==> flow/design.v <==
module mplex #(
    parameter int DW = 16
) (
    input  logic sys_clk,
    input  logic aresetn,
    input  logic [DW-1:0] in_d_0,
    input  logic [DW-1:0] in_d_1,
    input  logic [DW-1:0] in_d_2,
    input  logic [DW-1:0] in_d_3,
    input  logic [DW-1:0] in_d_4,
    input  logic [DW-1:0] in_d_5,
    input  logic [DW-1:0] in_d_6,
    input  logic [DW-1:0] in_d_7,
    input  logic [DW-1:0] in_d_8,
    input  logic [DW-1:0] in_d_9,
    input  logic [DW-1:0] in_d_10,
    input  logic [DW-1:0] in_d_11,
    input  logic [3:0] in_select,
    output logic [DW-1:0] out_result
);
    logic [DW-1:0] d_0_ff;
    logic [DW-1:0] d_1_ff;
    logic [DW-1:0] d_2_ff;
    logic [DW-1:0] d_3_ff;
    logic [DW-1:0] d_4_ff;
    logic [DW-1:0] d_5_ff;
    logic [DW-1:0] d_6_ff;
    logic [DW-1:0] d_7_ff;
    logic [DW-1:0] d_8_ff;
    logic [DW-1:0] d_9_ff;
    logic [DW-1:0] d_10_ff;
    logic [DW-1:0] d_11_ff;
    logic [3:0] select_ff;
    always_ff @(posedge sys_clk or negedge aresetn) begin
        if (!aresetn) begin
            d_0_ff <= 0;
            d_1_ff <= 0;
            d_2_ff <= 0;
            d_3_ff <= 0;
            d_4_ff <= 0;
            d_5_ff <= 0;
            d_6_ff <= 0;
            d_7_ff <= 0;
            d_8_ff <= 0;
            d_9_ff <= 0;
            d_10_ff <= 0;
            d_11_ff <= 0;
            select_ff <= 0;
        end else begin
            d_0_ff <= in_d_0;
            d_1_ff <= in_d_1;
            d_2_ff <= in_d_2;
            d_3_ff <= in_d_3;
            d_4_ff <= in_d_4;
            d_5_ff <= in_d_5;
            d_6_ff <= in_d_6;
            d_7_ff <= in_d_7;
            d_8_ff <= in_d_8;
            d_9_ff <= in_d_9;
            d_10_ff <= in_d_10;
            d_11_ff <= in_d_11;
            select_ff <= in_select;
        end
    end
    logic [DW-1:0] work;
    always_comb begin
        case (select_ff)
            0: work = d_0_ff;
            1: work = d_1_ff;
            2: work = d_2_ff;
            3: work = d_3_ff;
            4: work = d_4_ff;
            5: work = d_5_ff;
            6: work = d_6_ff;
            7: work = d_7_ff;
            8: work = d_8_ff;
            9: work = d_9_ff;
            10: work = d_10_ff;
            default: work = d_11_ff;
        endcase
    end
    assign out_result = work;
endmodule
---- Reports on mplex ----
What the tools print for mplex, step after step.
Lines are those of the file above, counted from 1.
Cell names lack the library's common part.
Not given: --
set-up
  design top .............................. mplex
  clock port .............................. sys_clk
  standard-cell library ................... sky130hd
  corner .................................. tt_025C_1v80

---- Word level ----
Source: Yosys, flattened and elaborated, memories not mapped. Widths are those after wreduce; folded enables and synchronous resets count as part of the registers. Registers that Yosys merges into a memory's read port (data or address) are not register bits. Print and check cells do not count. Equal cells are merged and count once.
operators by class
  muxes and demuxes ....................... 1
  reductions and logical operators ........ 1
  eq/ne operators ......................... 10
operators by type and width
  cell                                                  count
  parallel mux 16 bit (select 11 bit)                   1
  equality test 4 x 3 -> 1 bit (second input constant)  4
  equality test 4 bit (second input constant)           3
  equality test 4 x 2 -> 1 bit (second input constant)  2
  equality test 4 x 1 -> 1 bit (second input constant)  1
  zero test 4 bit                                       1
bit counts
  register bits after elaboration ......... 196
  output and inout bits ................... 16
  input bits .............................. 198
  elaborated cells ........................ 25

---- Longest topological paths ----
Yosys ltp: most cells in a row. Word level: on the elaborated netlist, between registers, memories and ports. Mapped: between sequential cells and ports; inverters and the memories' decode and read muxes count.
logic depth
  depth in word-level cells ............... 2
  ABC_AREA ................................ 0
  mapped depth ............................ 8
  depth with buffers taken out ............ 4

---- After synthesis ----
The flow's flattened synthesis, as Yosys stat reports it; memories are mapped. The netlist is that of the ABC_AREA named above (0 if unset); the other value can give another one.
The area totals of this step are shown rounded.
synthesis totals
  sequential part of the area ............. 4900 um2
  flip-flops .............................. 196
  standard cells after synthesis .......... 459
  chip area (Yosys) ....................... 6830 um2
  buffers ................................. 30
cell types
  cell type  count  total area (um2)
  dfrtp_1    196    4.9E+03
  mux2i_1    21     210.202
  a22oi_1    14     105.101
  a22o_1     11     96.342
  mux2_2     7      78.826
  nor2_1     21     78.826
  a21oi_1    15     75.072
  a221oi_1   8      70.067
  buf_6      6      67.565
  nor2b_1    10     62.56
  a2bb2oi_1  7      61.309
  o32a_1     6      60.058
  nand2_1    15     56.304
  buf_2      11     55.053
  o21ai_0    11     55.053
  o2bb2ai_1  6      52.55
  a31oi_1    8      50.048
  mux4_2     2      45.043
Not listed: further types 41, cells in them 84.

---- Timing after synthesis ----
Path of least setup slack by OpenSTA after synthesis, without wires, with an ideal clock, recovery checks aside; 20% of the period is set as input and as output delay. Where synthesis merged equal registers, the netlist keeps one of their names.
path post-synthesis
  path type ............................... flip-flop to output port
  from .................................... register select_ff[0]
  to ...................................... output out_result[10]
  period .................................. 2.37 ns
  output delay ............................ 0.474 ns
  data arrival time ....................... 1.516 ns
  launch time at the first pin ............ 0.000 ns
  path buffers ............................ 2
  driving pins on the path ................ 7
  slack ................................... 0.380 ns
  delay of the path ....................... 1.516 ns
  data required time ...................... 1.896 ns
  synthesis period reached ................ 1.99 ns
"delay of the path" = arrival - input delay + setup time.
A path that ends at an output port has no setup time.
"driving pins on the path": output pins that drive a net of the path, with the launching flip-flop's if there is one; two outputs of one cell count as two.
"synthesis period reached" is the clock period less the worst setup slack; recovery checks do not enter. This is arithmetic on one report: input and output delays are still those of the set period (20% each).
Between the ends stands the longest chain of elaborated cells between them, by number of cells; it is not shown to be the way that was timed. Of several equally long chains one is given.
Each line given opens the expression or statement behind the cell; cells for indexed reads and writes are added by Yosys, which also makes memories of some case tables.
on the way, post-synthesis
  cell sequence ........................... dfrtp_1 buf_6 buf_6 and2_4 a2111oi_4 a21oi_1 o32a_1
  length of the longest elaborated chain .. 2
  elaborated cells between the ends (all ways) .. 12
  RTL lines with such cells ............... 1
  those cells by class .................... eq/ne: 10; mux: 1; reduce/logical: 1
ends and longest elaborated chain, post-synthesis
  element                              line  RTL
  start: declaration                   33    logic [3:0] select_ff;
  start: assignment                    48    select_ff <= 0;
  start: assignment                    62    select_ff <= in_select;
  equality test 4 bit                  67    case (select_ff)
  parallel mux 16 bit (select 11 bit)  67
  end: declaration                     19    output logic [DW-1:0] out_result

---- Timing after layout ----
Path of least setup slack in the final report of run 2 (OpenROAD, finished layout, wires in). Where an end is a register, its clock arrival counts in the times.
path post-layout
  path type ............................... flip-flop to output port
  from .................................... register select_ff[2]
  to ...................................... output out_result[10]
  period .................................. 2.37 ns
  output delay ............................ 0.47 ns
  driving pins on the path ................ 9
  launch time at the first pin ............ 0.43 ns
  data arrival time ....................... 2.23 ns
  path buffers ............................ 4
  data required time ...................... 1.90 ns
  slack ................................... -0.34 ns
Between the ends stands the longest chain of elaborated cells between them, by number of cells; it is not shown to be the way that was timed. Of several equally long chains one is given.
on the way, post-layout
  cell sequence ........................... dfrtp_2 buf_6 buf_8 buf_4 nor4b_2 a31oi_4 a21oi_2 o32a_1 buf_2
  length of the longest elaborated chain .. 2
  elaborated cells between the ends (all ways) .. 12
  RTL lines with such cells ............... 1
  those cells by class .................... eq/ne: 10; mux: 1; reduce/logical: 1
ends and longest elaborated chain, post-layout
  element                              line  RTL
  start: declaration                   33    logic [3:0] select_ff;
  start: assignment                    48    select_ff <= 0;
  start: assignment                    62    select_ff <= in_select;
  equality test 4 bit                  67    case (select_ff)
  parallel mux 16 bit (select 11 bit)  67
  end: declaration                     19    output logic [DW-1:0] out_result

Wiki page: mplex / flow data

Record of 3 stored runs of the RTL-to-layout flow on mplex, platform sky130hd. The runs are unordered. Constraints: input delay and output delay 20% of the set period each, output load 0.01 pF.
By "total power of the final layout" is meant OpenSTA's value without simulated activity: inputs other than the clock are taken to toggle once in ten clock periods, and the tool carries that through the logic.
The measured numbers are rounded.

---- run 1 ----
settings
  period_ns = 2.45
  CORE_UTILIZATION = 55
  SETUP_SLACK_MARGIN = 0.27
  PLACE_DENSITY = 0.75
  CELL_PAD_IN_SITES_GLOBAL_PLACEMENT = 2
  CELL_PAD_IN_SITES_DETAIL_PLACEMENT = 1
  CTS_CLUSTER_SIZE = 99
  CAP_MARGIN = 40
  SLEW_MARGIN = 25
  CORE_MARGIN = 2
results
  no results, placement failed with GPL-0301

---- run 2 ----
settings
  period_ns = 2.37
  CAP_MARGIN = 20
  CORE_MARGIN = 2
  CORE_UTILIZATION = 40
  SLEW_MARGIN = 20
results
  synthesis area .......................... 6830 um2
  total power of the final layout ......... 7.62 mW
  worst slack on setup checks ............. -0.337 ns
  standard-cell area after layout ......... 11000 um2
  total die area .......................... 18100 um2
  post-route worst hold slack ............. 0.472 ns
  utilization of the finished layout ...... 66.1%

---- run 3 ----
settings
  period_ns = 1.67
  CORE_UTILIZATION = 57
  PLACE_DENSITY_LB_ADDON = 0.23
  CELL_PAD_IN_SITES_DETAIL_PLACEMENT = 0
  GPL_TIMING_DRIVEN = 0
  MIN_ROUTING_LAYER = met2
  CAP_MARGIN = 20
  CORE_MARGIN = 2
  SLEW_MARGIN = 20
results
  no results, routing failed with GRT-0232
